==> flow/design.v <==
module ex_data_mux (aclk, src_in, addr_in, dout_out);
    parameter integer DATA_W = 6;
    parameter integer NUM = 4;
    localparam integer LOGN = $clog2(NUM);
    input aclk;
    input [NUM*DATA_W-1:0] src_in;
    input [LOGN-1:0] addr_in;
    output [DATA_W-1:0] dout_out;
    reg [NUM*DATA_W-1:0] src_d1;
    always @(posedge aclk)
        src_d1 <= src_in;
    reg [LOGN-1:0] addr_d1;
    always @(posedge aclk)
        addr_d1 <= addr_in;
    assign dout_out = src_d1[addr_d1*DATA_W +: DATA_W];
endmodule
==> reports on ex_data_mux <==
### From RTL to reports: ex_data_mux

Module ex_data_mux in several versions that differ in "DATA_W"; each step lists the members.
The RTL above is that of DATA_W=6; lines are counted from 1 in the file of the member named.
Library cell names are shortened.
The mark n/a stands for no value.

| inputs | value |
|---|---|
| design top | ex_data_mux |
| clock input | aclk |
| standard-cell library | sky130hd |
| library corner | tt_025C_1v80 |

### Members of the sweep

Lines of each other member's file that are new or changed against the file above; lines that a member lacks are not shown.

New or changed lines:

| DATA_W | RTL line | RTL |
|---|---|---|
| 12 | 2 | `parameter integer DATA_W = 12;` |
| 20 | 2 | `parameter integer DATA_W = 20;` |
| 32 | 2 | `parameter integer DATA_W = 32;` |
| 48 | 2 | `parameter integer DATA_W = 48;` |
| 64 | 2 | `parameter integer DATA_W = 64;` |

### Word-level counts

Counts by Yosys on the flattened word-level netlist (proc, flatten, opt, wreduce; memories kept). Register bits leave out memories and registers merged into their read ports (data or address); mux counts leave out enables and synchronous resets folded into registers. Print and check cells are left out. Cells with the same type and inputs are merged into one.

Word-level totals:

| DATA_W | output and inout bits | elaborated cells | bits in registers |
|---|---|---|---|
| 6 | 6 | 4 | 26 |
| 12 | 12 | 4 | 50 |
| 20 | 20 | 4 | 82 |
| 32 | 32 | 3 | 130 |
| 48 | 48 | 4 | 194 |
| 64 | 64 | 3 | 258 |

Operators by class:

| DATA_W | shifts and indexed selects | multipliers |
|---|---|---|
| 6 | 1 | 1 |
| 12 | 1 | 1 |
| 20 | 1 | 1 |
| 32 | 1 | 0 |
| 48 | 1 | 1 |
| 64 | 1 | 0 |

Operators by type and width:

| DATA_W | kind and count |
|---|---|
| 6 | 24-bit by 6-bit indexed select with 6-bit output (1); 2-bit by 2-bit multiplier with 4-bit output (second input constant) (1) |
| 12 | 48-bit by 7-bit indexed select with 12-bit output (1); 2-bit by 2-bit multiplier with 4-bit output (second input constant) (1) |
| 20 | 80-bit by 8-bit indexed select with 20-bit output (1); 2-bit by 3-bit multiplier with 5-bit output (second input constant) (1) |
| 32 | 128-bit by 8-bit indexed select with 32-bit output (1) |
| 48 | 192-bit by 9-bit indexed select with 48-bit output (1); 2-bit by 2-bit multiplier with 4-bit output (second input constant) (1) |
| 64 | 256-bit by 9-bit indexed select with 64-bit output (1) |

### Longest topological paths

Depth = most cells in a row (Yosys ltp): at word level without a register or memory, in the mapped netlist without a sequential cell, where the memories' decode and read muxes count.

Depth:

| DATA_W | word-level depth | ABC_AREA | depth in mapped cells | depth with buffers taken out |
|---|---|---|---|---|
| 6 | 2 | 0 | 2 | 1 |
| 12 | 2 | 0 | 2 | 1 |
| 20 | 2 | 0 | 2 | 1 |
| 32 | 1 | 0 | 3 | 1 |
| 48 | 2 | 0 | 3 | 1 |
| 64 | 1 | 0 | 3 | 1 |

### Netlist

Source: synth_stat.txt of the flow (Yosys; design flattened, memories mapped). It holds for the ABC_AREA given above (unset counts as 0); a run with the other value may have another netlist.
Totals and module areas in this step are rounded.

Synthesis totals:

| DATA_W | standard cells after synthesis | synthesis area (sq um) | buffers | flip-flop cells |
|---|---|---|---|---|
| 6 | 33 | 667 | 1 | 26 |
| 12 | 64 | 1290 | 2 | 50 |
| 20 | 106 | 2120 | 4 | 82 |
| 32 | 169 | 3420 | 7 | 130 |
| 48 | 252 | 5040 | 10 | 194 |
| 64 | 336 | 6790 | 14 | 258 |

Cell types:

| DATA_W | type and count |
|---|---|
| 6 | dfxtp_1 (26); mux4_2 (6); buf_6 (1) |
| 12 | dfxtp_1 (50); mux4_2 (10); mux4_1 (2); buf_6 (1); buf_2 (1) |
| 20 | dfxtp_1 (82); mux4_2 (20); buf_6 (2); buf_2 (2) |
| 32 | dfxtp_1 (130); mux4_2 (30); buf_12 (3); mux4_1 (2); buf_2 (3); buf_6 (1) |
| 48 | dfxtp_1 (194); mux4_2 (48); buf_6 (3); buf_2 (3); buf_4 (2); clkbuf_1 (2) |
| 64 | dfxtp_1 (258); mux4_2 (60); buf_12 (6); mux4_1 (4); buf_2 (6); buf_6 (1); clkbuf_2 (1) |

### Path before layout

Path of least setup slack by OpenSTA after synthesis, without wires, with an ideal clock, recovery checks aside; 20% of the period is set as input and as output delay. Where synthesis merged equal registers, the netlist keeps one of their names.

Timing after synthesis:

| DATA_W | path type | from | to | slack (ns) | delay of the path (ns) | driving pins on the path | clock period (ns) | period reached after synthesis (ns) |
|---|---|---|---|---|---|---|---|---|
| 6 | register to output | reg addr_d1[0] | out dout_out[0] | 0.239 | 0.961 | 3 | 1.5 | 1.261 |
| 12 | register to output | reg addr_d1[0] | out dout_out[0] | 0.270 | 1.082 | 3 | 1.69 | 1.42 |
| 20 | register to output | reg addr_d1[0] | out dout_out[0] | 0.260 | 1.052 | 3 | 1.64 | 1.38 |
| 32 | register to output | reg addr_d1[0] | out dout_out[10] | 0.277 | 1.107 | 4 | 1.73 | 1.453 |
| 48 | register to output | reg addr_d1[0] | out dout_out[0] | 0.311 | 1.233 | 4 | 1.93 | 1.619 |
| 64 | register to output | reg addr_d1[0] | out dout_out[0] | 0.297 | 1.175 | 4 | 1.84 | 1.543 |

"delay of the path" = arrival - input delay + setup time.
At an output port there is no setup time.
"driving pins on the path" counts driving pins, that of a launching flip-flop among them; a cell with two outputs on the path counts twice.
"period reached after synthesis" is the clock period less the worst setup slack; recovery checks do not enter. This is arithmetic on one report: input and output delays are still those of the set period (20% each).
The rows between start and end are the longest chain of elaborated cells between them; the timing report does not say that the signal goes this way. Where chains are equally long, one stands for them.
A line is the first line of the expression or statement that the cell stems from. Yosys adds cells for indexed reads and writes and turns some case tables into memories.

| between the ends, after synthesis, DATA_W=6 | value |
|---|---|
| cells in the longest elaborated chain | 2 |

RTL lines, path after synthesis, DATA_W=6:

| element | RTL line | RTL |
|---|---|---|
| start: declaration | 12 | `reg [LOGN-1:0] addr_d1;` |
| start: assignment | 14 | `addr_d1 <= addr_in;` |
| 2-bit by 2-bit multiplier with 4-bit output | 15 | `assign dout_out = src_d1[addr_d1*DATA_W +: DATA_W];` |
| 24-bit by 6-bit indexed select with 6-bit output | 15 |  |
| end: declaration | 8 | `output [DATA_W-1:0] dout_out;` |

| between the ends, after synthesis, DATA_W=64 | value |
|---|---|
| cells in the longest elaborated chain | 1 |

RTL lines, path after synthesis, DATA_W=64:

| element | RTL line | RTL |
|---|---|---|
| start: declaration | 12 | `reg [LOGN-1:0] addr_d1;` |
| start: assignment | 14 | `addr_d1 <= addr_in;` |
| 256-bit by 9-bit indexed select with 64-bit output | 15 | `assign dout_out = src_d1[addr_d1*DATA_W +: DATA_W];` |
| end: declaration | 8 | `output [DATA_W-1:0] dout_out;` |

### Path in the finished layout

From the final timing report of each member's run: the path of least setup slack in the routed layout; clock arrival at registers is part of the times.

Timing post-layout:

| DATA_W | path type | from | to | slack (ns) | driving pins on the path | clock period (ns) | arrival (ns) |
|---|---|---|---|---|---|---|---|
| 6 | register to output | reg addr_d1[0] | out dout_out[3] | -0.21 | 4 | 1.5 | 1.41 |
| 12 | register to output | reg addr_d1[0] | out dout_out[6] | -0.23 | 5 | 1.69 | 1.58 |
| 20 | register to output | reg addr_d1[0] | out dout_out[12] | -0.22 | 4 | 1.64 | 1.54 |
| 32 | register to output | reg addr_d1[0] | out dout_out[7] | -0.40 | 5 | 1.73 | 1.78 |
| 48 | register to output | reg addr_d1[0] | out dout_out[26] | -0.28 | 6 | 1.93 | 1.83 |
| 64 | register to output | reg addr_d1[0] | out dout_out[1] | -0.44 | 6 | 1.84 | 1.91 |

### Measured runs

Settings and results of one run of the flow (Yosys, OpenROAD) for each member follow. The constraints put input and output delay at 20% of the set period each and load the outputs with 0.01 pF.

| flow settings | value |
|---|---|
| CAP_MARGIN | 20 |
| CORE_MARGIN | 2 |
| CORE_UTILIZATION | 40 |
| SLEW_MARGIN | 20 |

Settings by member:

| DATA_W | period_ns |
|---|---|
| 6 | 1.5 |
| 12 | 1.69 |
| 20 | 1.64 |
| 32 | 1.73 |
| 48 | 1.93 |
| 64 | 1.84 |

Measured results:

| DATA_W | clock period achieved (ns) | power (mW) | worst setup slack after layout (ns) | synthesis area (sq um) | die area (sq um) | post-route worst hold slack (ns) | utilization in the final report (%) | standard-cell area after routing (sq um) | total negative setup slack (ns) |
|---|---|---|---|---|---|---|---|---|---|
| 6 | 1.714 | 1.15 | -0.214 | 667 | 2010 | 0.417 | 66.9 | 1030 | -1.22 |
| 12 | 1.917 | 2.02 | -0.227 | 1290 | 3710 | 0.415 | 67.5 | 2080 | -2.20 |
| 20 | 1.863 | 3.81 | -0.223 | 2120 | 5910 | 0.414 | 67.5 | 3450 | -4.16 |
| 32 | 2.129 | 7.29 | -0.399 | 3420 | 9300 | 0.280 | 70.5 | 5820 | -11.9 |
| 48 | 2.212 | 9.03 | -0.282 | 5040 | 13500 | 0.400 | 71.0 | 8630 | -9.42 |
| 64 | 2.279 | 13.0 | -0.439 | 6790 | 18000 | 0.289 | 69.4 | 11500 | -23.2 |

"clock period achieved" is the run's clock period less its worst setup slack. It is reckoned from that one timing run; input and output delays stay at 20% of the period that was set.
By "power" is meant OpenSTA's value without simulated activity: inputs other than the clock are taken to toggle once in ten clock periods, and the tool carries that through the logic.
Results are given in rounded form.
